==> flow/design.v <==
module core_mul_v2 #(
  parameter int W = 5
) (
  input  logic i_clk,
  input  logic clk_en,
  input  logic [W-1:0] i_da,
  input  logic [W-1:0] i_db,
  input  logic [2*W-1:0] i_dc,
  output logic [2*W:0] o_out
);
  logic [W-1:0] da_reg;
  logic [W-1:0] db_reg;
  logic [2*W-1:0] dc_reg;
  logic [2*W-1:0] t_reg;
  logic [2*W-1:0] dc_reg_d;
  always_ff @(posedge i_clk) begin
    if (clk_en) begin
      da_reg <= i_da;
      db_reg <= i_db;
      dc_reg <= i_dc;
      t_reg <= da_reg * db_reg;
      dc_reg_d <= dc_reg;
      o_out <= t_reg + dc_reg_d;
    end
  end
endmodule
# Step by step through the tools: core_mul_v2
# Tool output for the design above, in the order of the flow.
# Line numbers count from 1 in the design file above.
# Cell names lack the library's common part.
# The mark - stands for no value.
# design
top_module	core_mul_v2
clk_port	i_clk
library	sky130hd
corner	tt_025C_1v80

# Elaborated design
# Source: Yosys, flattened and elaborated, memories not mapped. Widths are those after wreduce; folded enables and synchronous resets count as part of the registers. Registers that Yosys merges into a memory's read port (data or address) are not register bits. Print and check cells do not count. Equal cells are merged and count once.
# op_classes
addsub	1
n_mul	1
# ops
cell	n
5-bit by 5-bit multiplier with 10-bit output	1
10-bit by 10-bit adder with 11-bit output	1
# word_totals
regBits	51
input_bits	22
wordCells	8

# Longest topological paths
# Longest topological path by Yosys (ltp), each cell counted once; first at word level (registers and memories cut), then after technology mapping (sequential cells cut; the memories' decode and read muxes count).
# depth
ltp_word	1
ABC_AREA	1
ltp_mapped	14
depth_no_buf	14

# Netlist
# Source: synth_stat.txt of the flow (Yosys; design flattened, memories mapped). It holds for the ABC_AREA given above (unset counts as 0); a run with the other value may have another netlist.
# mapped
cells	250
synth_area_um2	2782.7
seqArea_um2	1531.5
ff_cells	51
buffers	0
# by_type
cell	n
edfxtp_1	51
ha_1	28
nand2_1	73
fa_1	10
inv_1	44
xor2_1	7
nand3_1	12
a21oi_1	8
nor2_1	7
o21bai_1	2
a21o_2	1
o21ai_2	1
xnor2_1	1
a21boi_1	1
a21o_1	1
a31oi_1	1
nand4_1	1
nor3_1	1

# Timing after synthesis
# Source: OpenSTA report_checks on the synthesized netlist (no wires, ideal clock, input and output delay 20% of the period each), path of least setup slack; recovery checks are left aside. Register names are those of the netlist, which keeps one name where synthesis merged equal registers.
# synth_timing
path_type	reg-to-reg
startpoint	register db_reg[4]
endpoint	register t_reg[7]
tclk_ps	4110
arrival_ps	2801
t_required_ps	3858
setup_slack_ps	1057
delay_ps	3053
stages	13
n_path_buf	0
period_less_setup_slack_ps	3053
# "delay_ps" is the arrival time less input delay plus setup time.
# "stages" counts driving pins, that of a launching flip-flop among them; a cell with two outputs on the path counts twice.
# "period_less_setup_slack_ps" is the clock period less the worst setup slack; recovery checks do not enter. This is arithmetic on one report: input and output delays are still those of the set period (20% each).
# The rows between start and end are the longest chain of elaborated cells between them; the timing report does not say that the signal goes this way. Where chains are equally long, one stands for them.
# A line is the first line of the expression or statement that the cell stems from. Yosys adds cells for indexed reads and writes and turns some case tables into memories.
# synth_between
cell_sequence	edfxtp_1 nand2_1 fa_1 fa_1 inv_1 fa_1 ha_1 a21oi_1 nand2_1 nand3_1 nand2_1 nand2_1 nand2_1
elab_chain_cells	1
cone_cells	1
lines_between	1
# synth_rtl
element	line_no	source
start, declared	12	logic [W-1:0] db_reg;
start, assigned	19	db_reg <= i_db;
5-bit by 5-bit multiplier with 10-bit output	21	t_reg <= da_reg * db_reg;
end, assigned	21
end, declared	14	logic [2*W-1:0] t_reg;

# Worst path after layout
# Path of least setup slack in the final report of stored run 1 (OpenROAD, finished layout, wires in). Where an end is a register, its clock arrival counts in the times.
# The path's times are printed in steps of 10 ps; the period is the one set.
# layout_timing
path_type	reg-to-reg
startpoint	register db_reg[4]
endpoint	register t_reg[7]
tclk_ps	4460
arrival_ps	3310
t_required_ps	4530
setup_slack_ps	1220
stages	13
n_path_buf	0
# The rows between start and end are the longest chain of elaborated cells between them; the timing report does not say that the signal goes this way. Where chains are equally long, one stands for them.
# layout_between
cell_sequence	edfxtp_1 nand2_1 fa_1 fa_1 inv_1 fa_1 ha_1 a21oi_1 nand2_1 nand3_1 nand2_1 nand2_1 nand2_1
elab_chain_cells	1
cone_cells	1
lines_between	1
# layout_rtl
element	line_no	source
start, declared	12	logic [W-1:0] db_reg;
start, assigned	19	db_reg <= i_db;
5-bit by 5-bit multiplier with 10-bit output	21	t_reg <= da_reg * db_reg;
end, assigned	21
end, declared	14	logic [2*W-1:0] t_reg;

# 3 stored runs of core_mul_v2 in the flow (synthesis by Yosys, layout by OpenROAD, sky130hd cells), in arbitrary order. Constraints: input delay and output delay 20% of the set period each, output load 0.01 pF.
# "clock_period_reached_ps" is the run's clock period less its worst setup slack. It is reckoned from that one timing run; input and output delays stay at 20% of the period that was set.
# "worst_path_ps" = time allowed to the worst setup path (clock period - input delay - output delay, where it has them) - its slack; a late launch clock adds to it, a late capture clock takes from it.
# By "power.total_w" is meant OpenSTA's value without simulated activity: inputs other than the clock are taken to toggle once in ten clock periods, and the tool carries that through the logic.
# "worst_path_ps" is known to 10 ps.
# Settings: -- = not set for that run.
stored run	period_ns	CORE_UTILIZATION	SETUP_SLACK_MARGIN	PLACE_DENSITY_LB_ADDON	CORE_MARGIN	CELL_PAD_IN_SITES_DETAIL_PLACEMENT	TNS_END_PERCENT	ABC_AREA	CTS_CLUSTER_SIZE	CTS_CLUSTER_DIAMETER	SLEW_MARGIN	MAX_ROUTING_LAYER	CAP_MARGIN	CORE_ASPECT_RATIO	GPL_TIMING_DRIVEN	GPL_ROUTABILITY_DRIVEN	synth_chip_area_um2	total_die_area_um2	final_cell_area_um2	worstSetupSlack_ps	fin_tns_ps	hold_ws_ps	power.total_w	clock_period_reached_ps	worst_path_ps	worst_path_kind
stored run 1	4.46	26	-0.01	0.24	3	1	60	1	77	314	40	met5	20	--	--	--	2782.7	11980.4	3410.8	1219	0	427	0.001544	3241	3240	reg-to-reg
stored run 2	4.11	40	--	--	2	--	--	--	--	--	20	--	20	--	--	--	2656.3	7308.5	3173.0	685	0	425	0.001574	3425	3420	reg-to-reg
stored run 3	2.37	23	--	0.09	2	1	--	0	--	273	35	--	20	0.81	0	1	2656.3	12429.4	3580.9	-796	-4391	413	0.003217	3166	3170	reg-to-reg
